==> flow/design.v <==
module gen_mpy_stage (core_clk, srst, in_rs1, in_rs2, out_prod);
  parameter DATA_W = 7;
  input core_clk;
  input srst;
  input signed [DATA_W-1:0] in_rs1;
  input signed [DATA_W-1:0] in_rs2;
  output reg signed [2*DATA_W-1:0] out_prod;
  always @(posedge core_clk or posedge srst) begin
    if (srst) begin
      out_prod <= 0;
    end else begin
      out_prod <= in_rs1 * in_rs2;
    end
  end
endmodule
# --- Tool chain data of gen_mpy_stage ---
# Module gen_mpy_stage in several versions that differ in "DATA_W"; each step lists the members.
# The RTL above is that of DATA_W=7; lines are counted from 1 in the file of the member named.
# Operators: Yosys type, input widths -> output width; for muxes data width and select width s.
setup:
  design: "gen_mpy_stage"
  clock: "core_clk"
  cell_library: "sky130hd"
  lib_corner: "tt_025C_1v80"

# --- Source of the members ---
# Lines of each other member's file that are new or changed against the file above; lines that a member lacks are not shown.
changed_lines:
  columns: ["DATA_W", "line_no", "text"]
  rows:
  - [10, 2, "parameter DATA_W = 10;"]
  - [14, 2, "parameter DATA_W = 14;"]
  - [32, 2, "parameter DATA_W = 32;"]

# --- After elaboration ---
# Yosys after proc, flatten, opt, wreduce and memory -nomap, before mapping. Enables and synchronous resets that opt folds into registers are not counted as muxes. Memory bits, and registers merged into a memory's read port (data or address), are not among the register bits. Print and check cells are not counted. Equal cells are merged and count once.
classes:
  columns: ["DATA_W", "multipliers"]
  rows:
  - [7, 1]
  - [10, 1]
  - [14, 1]
  - [32, 1]
ops:
  columns: ["DATA_W", "operators"]
  rows:
  - [7, "$mul 7x7->14: 1"]
  - [10, "$mul 10x10->20: 1"]
  - [14, "$mul 14x14->28: 1"]
  - [32, "$mul 32x32->64: 1"]
bits:
  columns: ["DATA_W", "register_bits", "wordCells"]
  rows:
  - [7, 14, 2]
  - [10, 20, 2]
  - [14, 28, 2]
  - [32, 64, 2]

# --- Logic depth ---
# Longest topological path by Yosys (ltp), each cell counted once; first at word level (registers and memories cut), then after technology mapping (sequential cells cut; the memories' decode and read muxes count).
logic_depth:
  columns: ["DATA_W", "depth_word", "ABC_AREA", "mapped_depth", "mapped_depth_nobuf"]
  rows:
  - [7, 1, 0, 16, 16]
  - [10, 1, 0, 19, 18]
  - [14, 1, 0, 21, 20]
  - [32, 1, 0, 29, 27]

# --- After synthesis ---
# Source: synth_stat.txt of the flow (Yosys; design flattened, memories mapped). It holds for the ABC_AREA given above (unset counts as 0); a run with the other value may have another netlist.
# The area totals of this step are shown rounded.
by_type:
  columns: ["DATA_W", "type_list"]
  rows:
  - [7, "sky130_fd_sc_hd__fa_1: 39; sky130_fd_sc_hd__dfrtp_1: 14; sky130_fd_sc_hd__ha_1: 28; sky130_fd_sc_hd__inv_1: 61; sky130_fd_sc_hd__and2_1: 28; sky130_fd_sc_hd__xnor2_1: 12; sky130_fd_sc_hd__nand2_1: 16; sky130_fd_sc_hd__a21o_1: 4; sky130_fd_sc_hd__nor2_1: 8; sky130_fd_sc_hd__xor2_1: 3; sky130_fd_sc_hd__a21oi_1: 4; sky130_fd_sc_hd__a211oi_2: 1; sky130_fd_sc_hd__a2111o_1: 1; sky130_fd_sc_hd__mux2_2: 1; sky130_fd_sc_hd__nor3_1: 2; sky130_fd_sc_hd__o21ai_1: 2; sky130_fd_sc_hd__a311oi_1: 1; sky130_fd_sc_hd__o311ai_1: 1; [+9]"]
  - [10, "sky130_fd_sc_hd__fa_1: 91; sky130_fd_sc_hd__ha_1: 49; sky130_fd_sc_hd__inv_1: 141; sky130_fd_sc_hd__dfrtp_1: 20; sky130_fd_sc_hd__nand2_1: 64; sky130_fd_sc_hd__and2_1: 33; sky130_fd_sc_hd__xnor2_1: 18; sky130_fd_sc_hd__clkbuf_1: 17; sky130_fd_sc_hd__a21oi_1: 12; sky130_fd_sc_hd__nor2_1: 12; sky130_fd_sc_hd__xor2_1: 4; sky130_fd_sc_hd__a21o_1: 4; sky130_fd_sc_hd__a211oi_2: 2; sky130_fd_sc_hd__a31oi_1: 4; sky130_fd_sc_hd__nand2b_1: 4; sky130_fd_sc_hd__o21bai_1: 3; sky130_fd_sc_hd__o21ai_2: 2; sky130_fd_sc_hd__a311oi_2: 1; [+21]"]
  - [14, "sky130_fd_sc_hd__fa_1: 195; sky130_fd_sc_hd__ha_1: 67; sky130_fd_sc_hd__inv_1: 214; sky130_fd_sc_hd__dfrtp_1: 28; sky130_fd_sc_hd__and2_1: 108; sky130_fd_sc_hd__nand2_1: 97; sky130_fd_sc_hd__xnor2_1: 25; sky130_fd_sc_hd__a21oi_1: 26; sky130_fd_sc_hd__clkbuf_1: 26; sky130_fd_sc_hd__nor2_1: 19; sky130_fd_sc_hd__o21ai_0: 13; sky130_fd_sc_hd__xor2_1: 5; sky130_fd_sc_hd__nand2b_1: 6; sky130_fd_sc_hd__o21ai_1: 6; sky130_fd_sc_hd__a211oi_2: 2; sky130_fd_sc_hd__a21o_1: 3; sky130_fd_sc_hd__o21a_1: 3; sky130_fd_sc_hd__o21bai_1: 3; [+36]"]
  - [32, "sky130_fd_sc_hd__fa_1: 1082; sky130_fd_sc_hd__inv_1: 955; sky130_fd_sc_hd__and2_1: 513; sky130_fd_sc_hd__ha_1: 184; sky130_fd_sc_hd__nand2_1: 521; sky130_fd_sc_hd__dfrtp_1: 64; sky130_fd_sc_hd__clkbuf_1: 198; sky130_fd_sc_hd__xnor2_1: 48; sky130_fd_sc_hd__a21oi_1: 59; sky130_fd_sc_hd__a21o_1: 36; sky130_fd_sc_hd__xor2_1: 22; sky130_fd_sc_hd__nor2_1: 51; sky130_fd_sc_hd__o21ai_0: 31; sky130_fd_sc_hd__o21bai_1: 13; sky130_fd_sc_hd__nand4_1: 13; sky130_fd_sc_hd__nand3_1: 14; sky130_fd_sc_hd__a31oi_1: 10; sky130_fd_sc_hd__nand2b_1: 9; [+104]"]
# A list marked [+n] leaves out that many cells.
mapped:
  columns: ["DATA_W", "cell_count", "mapped_area_um2", "seq_area_um2", "ff_cells", "buf_cells"]
  rows:
  - [7, 235, 2290, 350, 14, 0]
  - [10, 502, 4580, 500, 20, 17]
  - [14, 882, 8340, 701, 28, 28]
  - [32, 3927, 37800, 1600, 64, 208]

# --- Timing after synthesis ---
# Source: OpenSTA report_checks on the synthesized netlist (no wires, ideal clock, input and output delay 20% of the period each), path of least setup slack; recovery checks are left aside. Register names are those of the netlist, which keeps one name where synthesis merged equal registers.
synth_path:
  columns: ["DATA_W", "path_type", "startpoint", "endpoint", "clock_period_ns", "setup_slack_ns", "stages", "path_delay_ns", "period_less_setup_slack_ns"]
  rows:
  - [7, "input port to flip-flop", "input in_rs2[3]", "register out_prod[12]", 5.95, 0.952, 14, 3.809, 4.998]
  - [10, "input port to flip-flop", "input in_rs1[9]", "register out_prod[18]", 7.03, 1.123, 16, 4.501, 5.907]
  - [14, "input port to flip-flop", "input in_rs1[13]", "register out_prod[27]", 8.25, 1.317, 18, 5.283, 6.933]
  - [32, "input port to flip-flop", "input in_rs2[2]", "register out_prod[63]", 12.0, 1.951, 24, 7.649, 10.049]
# "path_delay_ns" is the arrival time less input delay plus setup time.
# "stages": output pins that drive a net of the path, with the launching flip-flop's if there is one; two outputs of one cell count as two.
# "period_less_setup_slack_ns" is the clock period less the worst setup slack; recovery checks do not enter. This is arithmetic on one report: input and output delays are still those of the set period (20% each).
# The rows between start and end are the longest chain of elaborated cells between them; the timing report does not say that the signal goes this way. Where chains are equally long, one stands for them.
# A line is the first line of the expression or statement that the cell stems from. Yosys adds cells for indexed reads and writes and turns some case tables into memories.
synth_between_DATA_W_7:
  elab_chain_len: 1
synth_lines_DATA_W_7:
  columns: ["item", "line_no", "text"]
  rows:
  - ["from (decl)", 6, "input signed [DATA_W-1:0] in_rs2;"]
  - ["$mul 7x7->14", 12, "out_prod <= in_rs1 * in_rs2;"]
  - ["to (assign)", 10, "out_prod <= 0;"]
  - ["to (assign)", 12, null]
  - ["to (decl)", 7, "output reg signed [2*DATA_W-1:0] out_prod;"]
synth_between_DATA_W_32:
  elab_chain_len: 1
synth_lines_DATA_W_32:
  columns: ["item", "line_no", "text"]
  rows:
  - ["from (decl)", 6, "input signed [DATA_W-1:0] in_rs2;"]
  - ["$mul 32x32->64", 12, "out_prod <= in_rs1 * in_rs2;"]
  - ["to (assign)", 10, "out_prod <= 0;"]
  - ["to (assign)", 12, null]
  - ["to (decl)", 7, "output reg signed [2*DATA_W-1:0] out_prod;"]

# --- Path in the finished layout ---
# From the final timing report of each member's run: the path of least setup slack in the routed layout; clock arrival at registers is part of the times.
layout_path:
  columns: ["DATA_W", "path_type", "startpoint", "endpoint", "clock_period_ns", "setup_slack_ns", "stages", "t_arrival_ns", "path_buffers"]
  rows:
  - [7, "input port to flip-flop", "input in_rs2[1]", "register out_prod[12]", 5.95, 0.45, 16, 5.64, 1]
  - [10, "input port to flip-flop", "input in_rs2[4]", "register out_prod[18]", 7.03, 0.59, 17, 6.62, 1]
  - [14, "input port to flip-flop", "input in_rs2[2]", "register out_prod[25]", 8.25, 0.80, 17, 7.59, 1]
  - [32, "input port to flip-flop", "input in_rs1[31]", "register out_prod[63]", 12.0, 1.08, 25, 11.16, 1]

# --- Flow runs ---
# One run of the flow (Yosys, OpenROAD) for each member, with settings and measured results. Input and output delays are each 20% of the period that was set; the output load is 0.01 pF.
flow_settings:
  CAP_MARGIN: 20
  CORE_MARGIN: 2
  CORE_UTILIZATION: 40
  SLEW_MARGIN: 20
settings_by_member:
  columns: ["DATA_W", "period_ns"]
  rows:
  - [7, 5.95]
  - [10, 7.03]
  - [14, 8.25]
  - [32, 12.0]
results:
  columns: ["DATA_W", "yosys_chip_area_um2", "final_die_area_um2", "finish.stdcell_area_um2", "post_route_util_frac", "ws_setup_ns", "setup_tns_ns", "period_less_ws_ns"]
  rows:
  - [7, 2290, 6350, 2730, 0.495, 0.452, 0.000, 5.498]
  - [10, 4580, 12300, 5200, 0.462, 0.587, 0.000, 6.443]
  - [14, 8340, 22000, 9320, 0.457, 0.803, 0.000, 7.447]
  - [32, 37800, 97000, 40800, 0.436, 1.08, 0.000, 10.920]
# "period_less_ws_ns" = clock period - worst setup slack. The figure is calculated, with input and output delays left at 20% of the set period.
# Values from the reports are rounded here.
